==> flow/design.v <==
module alu_diff_unit #(
   parameter DWIDTH = 7
) (
   input logic clk,
   input logic i_rst_n,
   input logic [DWIDTH-1:0] op_a,
   input logic [DWIDTH-1:0] op_b,
   output logic [DWIDTH-1:0] q,
   output logic bo
);
   logic [DWIDTH-1:0] op_a_ff;
   logic [DWIDTH-1:0] op_b_ff;
   logic [DWIDTH:0] t;
   assign t = {1'b0, op_a_ff} - {1'b0, op_b_ff};
   assign q = t[DWIDTH-1:0];
   assign bo = t[DWIDTH];
   always_ff @(posedge clk or negedge i_rst_n) begin
      if (!i_rst_n) begin
         op_a_ff <= 0;
         op_b_ff <= 0;
      end else begin
         op_a_ff <= op_a;
         op_b_ff <= op_b;
      end
   end
endmodule
# Reports on alu_diff_unit
# The steps from the RTL of alu_diff_unit to its reports follow in flow order.
# Line numbers count from 1 in the design file above.
# Operators carry their Yosys type and port widths (W data, S select, Z words).
# Not given: --
dict set report design {
  top_module {alu_diff_unit}
  clock_port {clk}
  library {sky130hd}
  pvt_corner {tt_025C_1v80}
}

# Word-level counts
# Source: Yosys, flattened and elaborated, memories not mapped. Widths are those after wreduce; folded enables and synchronous resets count as part of the registers. Registers that Yosys merges into a memory's read port (data or address) are not register bits. Print and check cells do not count. Equal cells are merged and count once.
dict set report op_classes {
  div 0
  logic 0
  equal 0
  add_sub_neg 1
  reduce_and_logical 0
  mux 0
  compare 0
  n_mul 0
  shift 0
}
# op count
set op_table {}
lappend op_table {{$sub A7 B7 Y8} 1}
dict set report word_totals {
  inputBits 16
  output_inout_bits 8
  wordCells 3
  reg_bits 14
  romBits 0
  clocked_rd_ports_x_width 0
  n_memories 0
  ramBits 0
  latchBits 0
}

# Logic depth
# Yosys ltp: most cells in a row. Word level: on the elaborated netlist, between registers, memories and ports. Mapped: between sequential cells and ports; inverters and the memories' decode and read muxes count.
dict set report depth {
  word_depth 1
  abc_area 1
  mapped_depth 10
  mapped_depth_nobuf 10
}

# Netlist
# The flow's flattened synthesis, as Yosys stat reports it; memories are mapped. The netlist is that of the ABC_AREA named above (0 if unset); the other value can give another one.
dict set report synth_totals {
  seq_area_um2 350.3
  synth_area_um2 678.2
  cells 72
  ffs 14
}
# cell count type_area_um2
set by_type {}
lappend by_type {sky130_fd_sc_hd__dfrtp_1 14 350.336}
lappend by_type {sky130_fd_sc_hd__ha_1 7 87.584}
lappend by_type {sky130_fd_sc_hd__inv_1 16 60.058}
lappend by_type {sky130_fd_sc_hd__nand2_1 16 60.058}
lappend by_type {sky130_fd_sc_hd__nand3_1 5 25.024}
lappend by_type {sky130_fd_sc_hd__a21oi_1 4 20.019}
lappend by_type {sky130_fd_sc_hd__fa_1 1 20.019}
lappend by_type {sky130_fd_sc_hd__xor2_1 2 17.517}
lappend by_type {sky130_fd_sc_hd__nor2_1 3 11.261}
lappend by_type {sky130_fd_sc_hd__xnor2_1 1 8.758}
lappend by_type {sky130_fd_sc_hd__nand2_2 1 6.256}
lappend by_type {sky130_fd_sc_hd__nand4_1 1 6.256}
lappend by_type {sky130_fd_sc_hd__o21ai_0 1 5.005}

# Worst setup path after synthesis
# Source: OpenSTA report_checks on the synthesized netlist (no wires, ideal clock, input and output delay 20% of the period each), path of least setup slack; recovery checks are left aside. Register names are those of the netlist, which keeps one name where synthesis merged equal registers.
dict set report synth_timing {
  path_type {register -> output}
  startpoint {reg op_a_ff[0]}
  endpoint {out q[6]}
  t_arrival_ns 1.329
  driving_pins 11
  path_slack_ns 0.703
  path_delay_ns 1.329
  output_delay_ns 0.508
  required_time_ns 2.032
  path_buffers 0
  launch_ns 0.000
  tclk_ns 2.54
  synth_period_reached_ns 1.837
}
# "path_delay_ns" is the arrival time less input delay plus setup time.
# A path that ends at an output port has no setup time.
# "driving_pins": output pins that drive a net of the path, with the launching flip-flop's if there is one; two outputs of one cell count as two.
# "synth_period_reached_ns" is the clock period less the worst setup slack; recovery checks do not enter. This is arithmetic on one report: input and output delays are still those of the set period (20% each).
# Between the ends stands the longest chain of elaborated cells between them, by number of cells; it is not shown to be the way that was timed. Of several equally long chains one is given.
# A line is the first line of the expression or statement that the cell stems from. Yosys adds cells for indexed reads and writes and turns some case tables into memories.
dict set report synth_between {
  path_cell_list {sky130_fd_sc_hd__dfrtp_1 sky130_fd_sc_hd__inv_1 sky130_fd_sc_hd__ha_1 sky130_fd_sc_hd__inv_1 sky130_fd_sc_hd__fa_1 sky130_fd_sc_hd__nand2_1 sky130_fd_sc_hd__nand2_1 sky130_fd_sc_hd__nand3_1 sky130_fd_sc_hd__nand2_1 sky130_fd_sc_hd__nand2_1 sky130_fd_sc_hd__nand2_1}
  elab_chain_len 1
  cone_cells 1
}
# element line
set synth_lines {}
lappend synth_lines {{start, declared} 11} ;# logic [DWIDTH-1:0] op_a_ff;
lappend synth_lines {{start, assigned} 19} ;# op_a_ff <= 0;
lappend synth_lines {{start, assigned} 22} ;# op_a_ff <= op_a;
lappend synth_lines {{$sub A7 B7 Y8} 14} ;# assign t = {1'b0, op_a_ff} - {1'b0, op_b_ff};
lappend synth_lines {{end, declared} 8} ;# output logic [DWIDTH-1:0] q,

# Worst path after layout
# From the final timing report of run 2: the path of least setup slack in the routed layout; clock arrival at registers is part of the times.
dict set report layout_timing {
  path_type {register -> output}
  startpoint {reg op_a_ff[0]}
  endpoint {out q[6]}
  required_time_ns 1.20
  output_delay_ns 0.30
  t_arrival_ns 1.72
  launch_ns 0.24
  driving_pins 12
  path_buffers 1
  path_slack_ns -0.52
  tclk_ns 1.5
}
# Between the ends stands the longest chain of elaborated cells between them, by number of cells; it is not shown to be the way that was timed. Of several equally long chains one is given.
dict set report layout_between {
  path_cell_list {sky130_fd_sc_hd__dfrtp_1 sky130_fd_sc_hd__inv_1 sky130_fd_sc_hd__ha_1 sky130_fd_sc_hd__inv_2 sky130_fd_sc_hd__fa_2 sky130_fd_sc_hd__nand2_2 sky130_fd_sc_hd__nand2_2 sky130_fd_sc_hd__nand3_2 sky130_fd_sc_hd__nand2_1 sky130_fd_sc_hd__nand2_1 sky130_fd_sc_hd__nand2_2 sky130_fd_sc_hd__buf_2}
  elab_chain_len 1
  cone_cells 1
}
# element line
set layout_lines {}
lappend layout_lines {{start, declared} 11} ;# logic [DWIDTH-1:0] op_a_ff;
lappend layout_lines {{start, assigned} 19} ;# op_a_ff <= 0;
lappend layout_lines {{start, assigned} 22} ;# op_a_ff <= op_a;
lappend layout_lines {{$sub A7 B7 Y8} 14} ;# assign t = {1'b0, op_a_ff} - {1'b0, op_b_ff};
lappend layout_lines {{end, declared} 8} ;# output logic [DWIDTH-1:0] q,

; Settings and measured results of 3 stored flow runs for module alu_diff_unit (sky130hd), not sorted in any way. The constraints put input and output delay at 20% of the set period each and load the outputs with 0.01 pF.
; "worstPathTime_ns" = time allowed to the worst setup path (clock period - input delay - output delay, where it has them) - its slack; a late launch clock adds to it, a late capture clock takes from it.
; "final_power_mw" is the tool's figure for a default switching activity; nothing was simulated.

[run 1: settings]
period_ns = 3.14
CORE_UTILIZATION = 55
SETUP_SLACK_MARGIN = 0.41
HOLD_SLACK_MARGIN = 0.14
CORE_MARGIN = 8
CELL_PAD_IN_SITES_DETAIL_PLACEMENT = 2
CTS_CLUSTER_SIZE = 35
CAP_MARGIN = 20
SLEW_MARGIN = 20
[run 1: results]
outcome = incomplete, placement halted on DPL-0033

[run 2: settings]
period_ns = 1.5
CORE_UTILIZATION = 19
CORE_ASPECT_RATIO = 0.59
CELL_PAD_IN_SITES_GLOBAL_PLACEMENT = 0
ABC_AREA = 1
CAP_MARGIN = 0
MIN_ROUTING_LAYER = met2
CORE_MARGIN = 2
SLEW_MARGIN = 20
[run 2: results]
synth_chip_area_um2 = 678.2
dieArea_um2 = 4080.0
finish.stdcell_area_um2 = 1116.1
layout_utilization_pct = 33.2
ws_setup_ns = -0.516
tns_setup_ns = -2.592
final_power_mw = 1.005
worstPathTime_ns = 1.72
critical_path_kind = register -> output

[run 3: settings]
period_ns = 2.54
CAP_MARGIN = 20
CORE_MARGIN = 2
CORE_UTILIZATION = 40
SLEW_MARGIN = 20
[run 3: results]
synth_chip_area_um2 = 626.9
dieArea_um2 = 1899.7
finish.stdcell_area_um2 = 935.9
layout_utilization_pct = 62.9
ws_setup_ns = 0.090
tns_setup_ns = 0.000
final_power_mw = 0.4888
worstPathTime_ns = 1.94
critical_path_kind = register -> output
